==> flow/design.v <==
module full_adder (
  input logic a,
  input logic b,
  input logic ci,
  output logic s,
  output logic co
);
  assign {co, s} = a + b + ci;
endmodule
module u_add_sub_stage #(
  parameter WD = 36
) (
  input  logic clk,
  input  logic [WD-1:0] A,
  input  logic [WD-1:0] B,
  input  logic dir,
  output logic [WD-1:0] diff,
  output logic cout
);
  logic [WD-1:0] A_s;
  logic [WD-1:0] B_s;
  logic dir_s;
  always_ff @(posedge clk) begin
    A_s <= A;
    B_s <= B;
    dir_s <= dir;
  end
  logic [WD-1:0] tmp;
  logic [WD:0] cy;
  assign cy[0] = dir_s;
  generate
    for (genvar ii = 0; ii < WD; ii++) begin : g_bit
      full_adder inst (.a(A_s[ii]), .b(B_s[ii] ^ dir_s), .ci(cy[ii]), .s(tmp[ii]), .co(cy[ii+1]));
    end
  endgenerate
  assign diff = tmp;
  assign cout = cy[WD];
endmodule
# Reports on u_add_sub_stage

What the tools print for u_add_sub_stage, step after step.
Lines are those of the file above, counted from 1.
Cell names lack the library's common part.
A cell with - has no value.

Top: u_add_sub_stage
Clock: clk
Cell library: sky130hd
Library corner: tt_025C_1v80

# Word level

Source: Yosys, flattened and elaborated, memories not mapped. Widths are those after wreduce; folded enables and synchronous resets count as part of the registers. Registers that Yosys merges into a memory's read port (data or address) are not register bits. Print and check cells do not count. Equal cells are merged and count once.

Word-level cells: 111
Output and inout port bits: 37
Bits of input ports: 74
Register bits: 73

Bitwise operators: 36
$add $sub $neg: 72

Operators by type and width:

| kind                                   | count |
| 1-bit by 1-bit adder with 2-bit output | 36 |
| 2-bit by 1-bit adder with 2-bit output | 36 |
| 1-bit bitwise XOR                      | 36 |

# Longest topological paths

Depth = most cells in a row (Yosys ltp): at word level without a register or memory, in the mapped netlist without a sequential cell, where the memories' decode and read muxes count.

Depth after elaboration: 38
ABC_AREA: 0
Gate-level depth with buffers: 40
Gate-level depth less buffers: 38

# Netlist

The flow's flattened synthesis, as Yosys stat reports it; memories are mapped. The netlist is that of the ABC_AREA named above (0 if unset); the other value can give another one.
The area totals of this step are shown rounded.

Cell types:

| cell type | count | total area (um^2) |
| dfxtp_1   | 73    | 1.46E+03 |
| fa_1      | 35    | 700.672 |
| xnor2_1   | 31    | 271.51 |
| buf_4     | 36    | 270.259 |
| inv_1     | 68    | 255.245 |
| buf_12    | 3     | 60.058 |
| xnor2_2   | 2     | 32.531 |
| xor2_1    | 3     | 26.275 |
| buf_6     | 1     | 11.261 |
| mux2_2    | 1     | 11.261 |

Standard cells after synthesis: 253
Sequential part of the area: 1460 um^2
Cell area after synthesis: 3100 um^2
Mapped flip-flops: 73
Buffers: 40

The figures by module come from a second, unflattened synthesis with its own total; it is not the netlist above.

Cell total of the unflattened synthesis: 149
Area total of the unflattened synthesis: 2570 um^2

Rows give one instance, submodules left out.

Modules:

| module          | area (um^2) | seq. area (um^2) | cells | instances |
| u_add_sub_stage | 1850        | 1460             | 113   | 1 |
| full_adder      | 20.0        | 0.0              | 1     | 36 |

# Timing after synthesis

OpenSTA on the mapped netlist: ideal clock, no wires. The path of least setup slack (recovery checks aside). Input and output delay are each 20% of the period. Register names are those of the netlist, which keeps one name where synthesis merged equal registers.

Kind: register to output
Start: reg dir_s
End: out diff[35]
Delay of the path: 15270 ps
External output delay: 4780 ps
Period: 23900 ps
Launch time at the first pin: 0 ps
Stages on the path: 41
Required time: 19120 ps
Arrival time: 15270 ps
Path buffers: 2
Setup slack: 3850 ps
Synthesis period reached: 20050 ps

"delay of the path" is the arrival time less input delay plus setup time.
At an output port there is no setup time.
"stages on the path": output pins that drive a net of the path, with the launching flip-flop's if there is one; two outputs of one cell count as two.
"synthesis period reached" is the clock period less the worst setup slack; recovery checks do not enter. This is arithmetic on one report: input and output delays are still those of the set period (20% each).
The rows between start and end are the longest chain of elaborated cells between them; the timing report does not say that the signal goes this way. Where chains are equally long, one stands for them.
Each line given opens the expression or statement behind the cell; cells for indexed reads and writes are added by Yosys, which also makes memories of some case tables.

Path through: dfxtp_1 buf_6 xor2_1 fa_1 inv_1 fa_1 fa_1 fa_1 fa_1 fa_1 fa_1 fa_1 fa_1 fa_1 fa_1 fa_1 fa_1 fa_1 (+5 left out) fa_1 fa_1 fa_1 fa_1 fa_1 fa_1 fa_1 fa_1 fa_1 fa_1 fa_1 fa_1 fa_1 fa_1 fa_1 inv_1 fa_1 buf_4
Length of the longest elaborated chain: 38
Elaborated cells on any way between the ends: 108
Source lines of those cells: 2
Those cells by class: 72 x add/sub; 36 x logic

Ends and longest elaborated chain, after synthesis:

| element                                    | line | source |
| from (decl)                                | 22   | `logic dir_s;` |
| from (assign)                              | 26   | `dir_s <= dir;` |
| 1-bit bitwise XOR                          | 33   | `full_adder inst (.a(A_s[ii]), .b(B_s[ii] ^ dir_s), .ci(cy[ii]), .s(tmp[ii]), .co(cy[ii+1]));` |
| 1-bit by 1-bit adder with 2-bit output     | 8    | `assign {co, s} = a + b + ci;` |
| 2-bit by 1-bit adder with 2-bit output x36 | 8    |  |
| to (decl)                                  | 17   | `output logic [WD-1:0] diff,` |

Nets of the timed path that keep an RTL name, with a line that drives or declares them; the list need not be complete.

Nets with RTL names, path after synthesis:

| net              | line |
| g_bit[35].inst.s | 8 |

# Timing after layout

From the final timing report of run 1: the path of least setup slack in the routed layout; clock arrival at registers is part of the times.
The path's times are printed in steps of 10 ps; the period is the one set.

Kind: register to output
Start: reg dir_s
End: out diff[35]
Stages on the path: 42
Setup slack: 8560 ps
Required time: 25280 ps
Launch time at the first pin: 340 ps
Path buffers: 3
Arrival time: 16720 ps
External output delay: 6320 ps
Period: 31600 ps

The rows between start and end are the longest chain of elaborated cells between them; the timing report does not say that the signal goes this way. Where chains are equally long, one stands for them.

Path through: dfxtp_1 buf_6 xor2_1 fa_1 inv_1 fa_1 fa_1 fa_1 fa_1 fa_1 fa_1 fa_1 fa_1 fa_1 fa_1 fa_1 fa_1 fa_1 (+6 left out) fa_1 fa_1 fa_1 fa_1 fa_1 fa_1 fa_1 fa_1 fa_1 fa_1 fa_1 fa_1 fa_1 fa_1 inv_1 fa_1 buf_4 clkdlybuf4s50_1
Length of the longest elaborated chain: 38
Elaborated cells on any way between the ends: 108
Source lines of those cells: 2
Those cells by class: 72 x add/sub; 36 x logic

Ends and longest elaborated chain, post-layout:

| element                                    | line | source |
| from (decl)                                | 22   | `logic dir_s;` |
| from (assign)                              | 26   | `dir_s <= dir;` |
| 1-bit bitwise XOR                          | 33   | `full_adder inst (.a(A_s[ii]), .b(B_s[ii] ^ dir_s), .ci(cy[ii]), .s(tmp[ii]), .co(cy[ii+1]));` |
| 1-bit by 1-bit adder with 2-bit output     | 8    | `assign {co, s} = a + b + ci;` |
| 2-bit by 1-bit adder with 2-bit output x36 | 8    |  |
| to (decl)                                  | 17   | `output logic [WD-1:0] diff,` |

Nets of the timed path that keep an RTL name, with a line that drives or declares them; the list need not be complete.

Nets with RTL names, path post-layout:

| net              | line |
| g_bit[35].inst.s | 8 |

## Implementation results

Below are 3 stored runs of the flow (Yosys, OpenROAD; platform sky130hd) on u_add_sub_stage, each with its settings and what was measured, unordered. Constraints: input delay and output delay 20% of the set period each, output load 0.01 pF.
"clock period reached" = clock period - worst setup slack. The figure is calculated, with input and output delays left at 20% of the set period.
"allowed time less slack (worst setup path)" means the part of the period allowed to the worst setup path (the constraints hold back 20% at inputs and 20% at outputs) less its slack; where the path has registers, the arrival times of their clocks count too.
"total power after layout" is the tool's figure for a default switching activity; nothing was simulated.
"allowed time less slack (worst setup path)" is known to 10 ps.
The measured numbers are rounded.
A setting shown as -- is not set for that run.

| setting or result                                        | run 1              | run 2              | run 3              |
| period_ns                                                | 31.6               | 37.6               | 23.9               |
| CORE_UTILIZATION                                         | 38                 | 23                 | 40                 |
| PLACE_DENSITY_LB_ADDON                                   | 0.18               | 0.25               | --                 |
| CORE_ASPECT_RATIO                                        | 1.31               | 0.8                | --                 |
| CORE_MARGIN                                              | 8                  | 2                  | 2                  |
| ABC_AREA                                                 | 0                  | --                 | --                 |
| GPL_TIMING_DRIVEN                                        | 0                  | 0                  | --                 |
| CTS_CLUSTER_DIAMETER                                     | 329                | --                 | --                 |
| SLEW_MARGIN                                              | 20                 | 20                 | 20                 |
| MIN_ROUTING_LAYER                                        | met2               | --                 | --                 |
| CAP_MARGIN                                               | 20                 | 20                 | 20                 |
| SETUP_SLACK_MARGIN                                       | --                 | 5.0                | --                 |
| CELL_PAD_IN_SITES_GLOBAL_PLACEMENT                       | --                 | 3                  | --                 |
| MAX_ROUTING_LAYER                                        | --                 | met5               | --                 |
| area of the standard cells in the finished layout (um^2) | 4510               | 4700               | 4190               |
| final setup TNS (ps)                                     | 0                  | 0                  | 0                  |
| post-route worst hold slack (ps)                         | 6410               | 7630               | 4880               |
| total power after layout (uW)                            | 262                | 240                | 320                |
| allowed time less slack (worst setup path) (ps)          | 16720              | 16730              | 16470              |
| worst path kind                                          | register to output | register to output | register to output |
| setup slack of the critical path (ps)                    | 8560               | 13300              | 2650               |
| clock period reached (ps)                                | 23040              | 24255              | 21254              |
| die outline area (um^2)                                  | 11300              | 14400              | 8470               |
| synthesis area (um^2)                                    | 3100               | 3100               | 3100               |
| final design utilization                                 | 0.573              | 0.361              | 0.551              |
